==> flow/design.v <==
module alu_add_unit_top #(
    parameter XLEN = 10,
    parameter N = 3,
    parameter RW = XLEN + $clog2(N)
) (
    input  wire i_clk,
    input  wire [N*XLEN-1:0] in_din,
    output wire [RW-1:0] out_out
);
    reg [N*XLEN-1:0] din_reg;
    always @(posedge i_clk) begin
        din_reg <= in_din;
    end
    reg [RW-1:0] work;
    integer k;
    always @(*) begin
        work = 0;
        for (k = 0; k < N; k = k + 1)
            work = work + din_reg[k*XLEN +: XLEN];
    end
    assign out_out = work;
endmodule
* From RTL to reports: alu_add_unit_top
What the tools print for alu_add_unit_top, step after step.
Lines are those of the file above, counted from 1.
Library cell names are shortened.
Not given: n/a
- Design top :: alu_add_unit_top
- Clock input :: i_clk
- Cell library :: sky130hd
- Timing corner :: tt_025C_1v80

* Word level
Yosys after proc, flatten, opt, wreduce and memory -nomap, before mapping. Enables and synchronous resets that opt folds into registers are not counted as muxes. Memory bits, and registers merged into a memory's read port (data or address), are not among the register bits. Print and check cells are not counted. Equal cells are merged and count once.
- Register bits after elaboration :: 30
- Bits of input ports :: 31
- Output and inout bits :: 12
- Word-level cells :: 3
- $add $sub $neg :: 2
** Operators with widths (count)
- adder 11 x 10 -> 12 bit :: 1
- adder 10 x 10 -> 11 bit :: 1

* Logic depth
Longest topological path by Yosys (ltp), each cell counted once; first at word level (registers and memories cut), then after technology mapping (sequential cells cut; the memories' decode and read muxes count).
- Depth after elaboration :: 2
- ABC_AREA :: 0
- Mapped depth :: 11
- Depth with buffers taken out :: 11

* After synthesis
Yosys stat after the flow's synthesis: flattened, memories mapped to cells. It holds for the ABC_AREA given above (unset counts as 0); a run with the other value may have another netlist.
Totals and module areas in this step are rounded.
- Mapped cells :: 101
- Cell area after synthesis :: 0.0013 mm²
- Area of sequential cells :: 0.0006 mm²
- Flip-flop cells :: 30
- Buffers :: 0
** Cells by type (count)
- dfxtp_1 :: 30
- fa_1 :: 11
- ha_1 :: 9
- inv_1 :: 16
- xnor2_1 :: 5
- a2111oi_4 :: 1
- a21oi_2 :: 2
- xor2_1 :: 2
- a21o_1 :: 2
- and3_2 :: 2
- nand2b_1 :: 2
- o21bai_2 :: 1
- a21oi_1 :: 2
- nand3_1 :: 2
- a2111oi_0 :: 1
- a221oi_1 :: 1
- o21ai_2 :: 1
- and2_2 :: 1
Not listed: further types 9, cells in them 10.

* Worst setup path after synthesis
Path of least setup slack by OpenSTA after synthesis, without wires, with an ideal clock, recovery checks aside; 20% of the period is set as input and as output delay. Where synthesis merged equal registers, the netlist keeps one of their names.
- Path kind :: register to output
- From :: reg din_reg[4]
- To :: out out_out[10]
- Clock period :: 3.49 ns
- Output delay :: 0.698 ns
- Time at the first pin :: 0.000 ns
- Arrival :: 2.235 ns
- Required time :: 2.792 ns
- Path slack :: 0.557 ns
- Delay of the path :: 2.235 ns
- Stages on the path :: 8
- Buffers on the path :: 0
- Period reached after synthesis :: 2.933 ns
"delay of the path" = arrival - input delay + setup time.
A path that ends at an output port has no setup time.
"stages on the path" counts driving pins, that of a launching flip-flop among them; a cell with two outputs on the path counts twice.
"period reached after synthesis" is the clock period less the worst setup slack; recovery checks do not enter. This is arithmetic on one report: input and output delays are still those of the set period (20% each).
Between the ends stands the longest chain of elaborated cells between them, by number of cells; it is not shown to be the way that was timed. Of several equally long chains one is given.
Each line given opens the expression or statement behind the cell; cells for indexed reads and writes are added by Yosys, which also makes memories of some case tables.
- Path through :: dfxtp_1 > fa_1 > ha_1 > and3_2 > a2111oi_4 > o21ai_2 > a21oi_2 > xor2_1
- Cells in the longest elaborated chain :: 2
** RTL lines, path post-synthesis
- from (decl) :: line 10 : reg [N*XLEN-1:0] din_reg;
- from (assign) :: line 12 : din_reg <= in_din;
- adder 10 x 10 -> 11 bit :: line 19 : work = work + din_reg[k*XLEN +: XLEN];
- adder 11 x 10 -> 12 bit :: line 19
- to (decl) :: line 8 : output wire [RW-1:0] out_out

* Path in the finished layout
Path of least setup slack in the final report of stored run 1 (OpenROAD, finished layout, wires in). Where an end is a register, its clock arrival counts in the times.
- Path kind :: register to output
- From :: reg din_reg[5]
- To :: out out_out[6]
- Clock period :: 3.72 ns
- Output delay :: 0.74 ns
- Time at the first pin :: 0.31 ns
- Arrival :: 2.77 ns
- Required time :: 2.98 ns
- Path slack :: 0.21 ns
- Stages on the path :: 9
- Buffers on the path :: 3
Between the ends stands the longest chain of elaborated cells between them, by number of cells; it is not shown to be the way that was timed. Of several equally long chains one is given.
- Path through :: dfxtp_1 > fa_1 > ha_2 > and2_2 > a2111oi_4 > buf_4 > buf_4 > xnor2_1 > dlygate4sd2_1
- Cells in the longest elaborated chain :: 2
** RTL lines, path post-layout
- from (decl) :: line 10 : reg [N*XLEN-1:0] din_reg;
- from (assign) :: line 12 : din_reg <= in_din;
- adder 10 x 10 -> 11 bit :: line 19 : work = work + din_reg[k*XLEN +: XLEN];
- adder 11 x 10 -> 12 bit :: line 19
- to (decl) :: line 8 : output wire [RW-1:0] out_out

Lab notebook: alu_add_unit_top

Stored flow runs of alu_add_unit_top (3 of them; Yosys, OpenROAD, sky130hd). They differ in their settings and are not a sequence. Constraints: input delay and output delay 20% of the set period each, output load 0.01 pF.
"overall power" is the tool's figure for a default switching activity; nothing was simulated.
The results are shown rounded.

* Stored run 1
** Files
==> flow/run.sh <==
#!/bin/bash
# the make line also repeats the synthesis and layout settings of config.mk as NAME=value (left out here)
make -C /OpenROAD-flow-scripts/flow DESIGN_CONFIG=/design/flow/config.mk WORK_HOME=/design/flow/orfs CLKGATE_MAP_FILE= finish
==> flow/config.mk <==
export PLATFORM = sky130hd
export DESIGN_NAME = alu_add_unit_top
export DESIGN_NICKNAME = alu_add_unit_top
export VERILOG_FILES = /design/flow/design.v
export SDC_FILE = /design/flow/constraint.sdc
export NUM_CORES = 4
export LEC_CHECK = 0
export CAP_MARGIN = 20
export CORE_MARGIN = 2
export CORE_UTILIZATION = 37
export CTS_CLUSTER_SIZE = 93
export GPL_TIMING_DRIVEN = 0
export MAX_ROUTING_LAYER = met4
export MIN_ROUTING_LAYER = met1
export PLACE_DENSITY_LB_ADDON = 0.23
export SLEW_MARGIN = 20
export TNS_END_PERCENT = 50
==> flow/constraint.sdc <==
create_clock -name core_clock -period 3.72 [get_ports {i_clk}]
set_input_delay 0.7440 -clock core_clock [delete_from_list [all_inputs] [get_ports {i_clk}]]
set_output_delay 0.7440 -clock core_clock [all_outputs]
set_load 0.01 [all_outputs]
** Results
- Overall power :: 0.88 mW
- Standard-cell area after layout :: 0.0018 mm²
- Post-synthesis cell area :: 0.0013 mm²
- Worst setup slack after layout :: 0.21 ns
- Die size :: 0.0039 mm²
- Utilization in the final report :: 56 %

* Stored run 2
** Files
==> flow/run.sh <==
#!/bin/bash
# the make line also repeats the synthesis and layout settings of config.mk as NAME=value (left out here)
make -C /OpenROAD-flow-scripts/flow DESIGN_CONFIG=/design/flow/config.mk WORK_HOME=/design/flow/orfs CLKGATE_MAP_FILE= finish
==> flow/config.mk <==
export PLATFORM = sky130hd
export DESIGN_NAME = alu_add_unit_top
export DESIGN_NICKNAME = alu_add_unit_top
export VERILOG_FILES = /design/flow/design.v
export SDC_FILE = /design/flow/constraint.sdc
export NUM_CORES = 4
export LEC_CHECK = 0
export CAP_MARGIN = 20
export CORE_MARGIN = 2
export CORE_UTILIZATION = 40
export SLEW_MARGIN = 20
==> flow/constraint.sdc <==
create_clock -name core_clock -period 3.49 [get_ports {i_clk}]
set_input_delay 0.6980 -clock core_clock [delete_from_list [all_inputs] [get_ports {i_clk}]]
set_output_delay 0.6980 -clock core_clock [all_outputs]
set_load 0.01 [all_outputs]
** Results
- Post-synthesis cell area :: 0.0013 mm²
- Die size :: 0.0036 mm²
- Standard-cell area after layout :: 0.0018 mm²
- Utilization in the final report :: 60 %
- Worst setup slack after layout :: 0.11 ns
- Overall power :: 0.90 mW

* Stored run 3
** Files
==> flow/run.sh <==
#!/bin/bash
# the make line also repeats the synthesis and layout settings of config.mk as NAME=value (left out here)
make -C /OpenROAD-flow-scripts/flow DESIGN_CONFIG=/design/flow/config.mk WORK_HOME=/design/flow/orfs CLKGATE_MAP_FILE= finish
==> flow/config.mk <==
export PLATFORM = sky130hd
export DESIGN_NAME = alu_add_unit_top
export DESIGN_NICKNAME = alu_add_unit_top
export VERILOG_FILES = /design/flow/design.v
export SDC_FILE = /design/flow/constraint.sdc
export NUM_CORES = 4
export LEC_CHECK = 0
export CAP_MARGIN = 20
export CELL_PAD_IN_SITES_GLOBAL_PLACEMENT = 1
export CORE_ASPECT_RATIO = 1.03
export CORE_MARGIN = 2
export CORE_UTILIZATION = 16
export CTS_CLUSTER_DIAMETER = 155
export CTS_CLUSTER_SIZE = 100
export GPL_ROUTABILITY_DRIVEN = 1
export MIN_ROUTING_LAYER = met2
export PLACE_DENSITY_LB_ADDON = 0.06
export SETUP_SLACK_MARGIN = 0.01
export SLEW_MARGIN = 0
export TNS_END_PERCENT = 20
==> flow/constraint.sdc <==
create_clock -name core_clock -period 2.1 [get_ports {i_clk}]
set_input_delay 0.4200 -clock core_clock [delete_from_list [all_inputs] [get_ports {i_clk}]]
set_output_delay 0.4200 -clock core_clock [all_outputs]
set_load 0.01 [all_outputs]
** Results
- Die size :: 0.0086 mm²
- Worst setup slack after layout :: -1.0 ns
- Standard-cell area after layout :: 0.0021 mm²
- Utilization in the final report :: 28 %
- Overall power :: 1.9 mW
- Post-synthesis cell area :: 0.0013 mm²
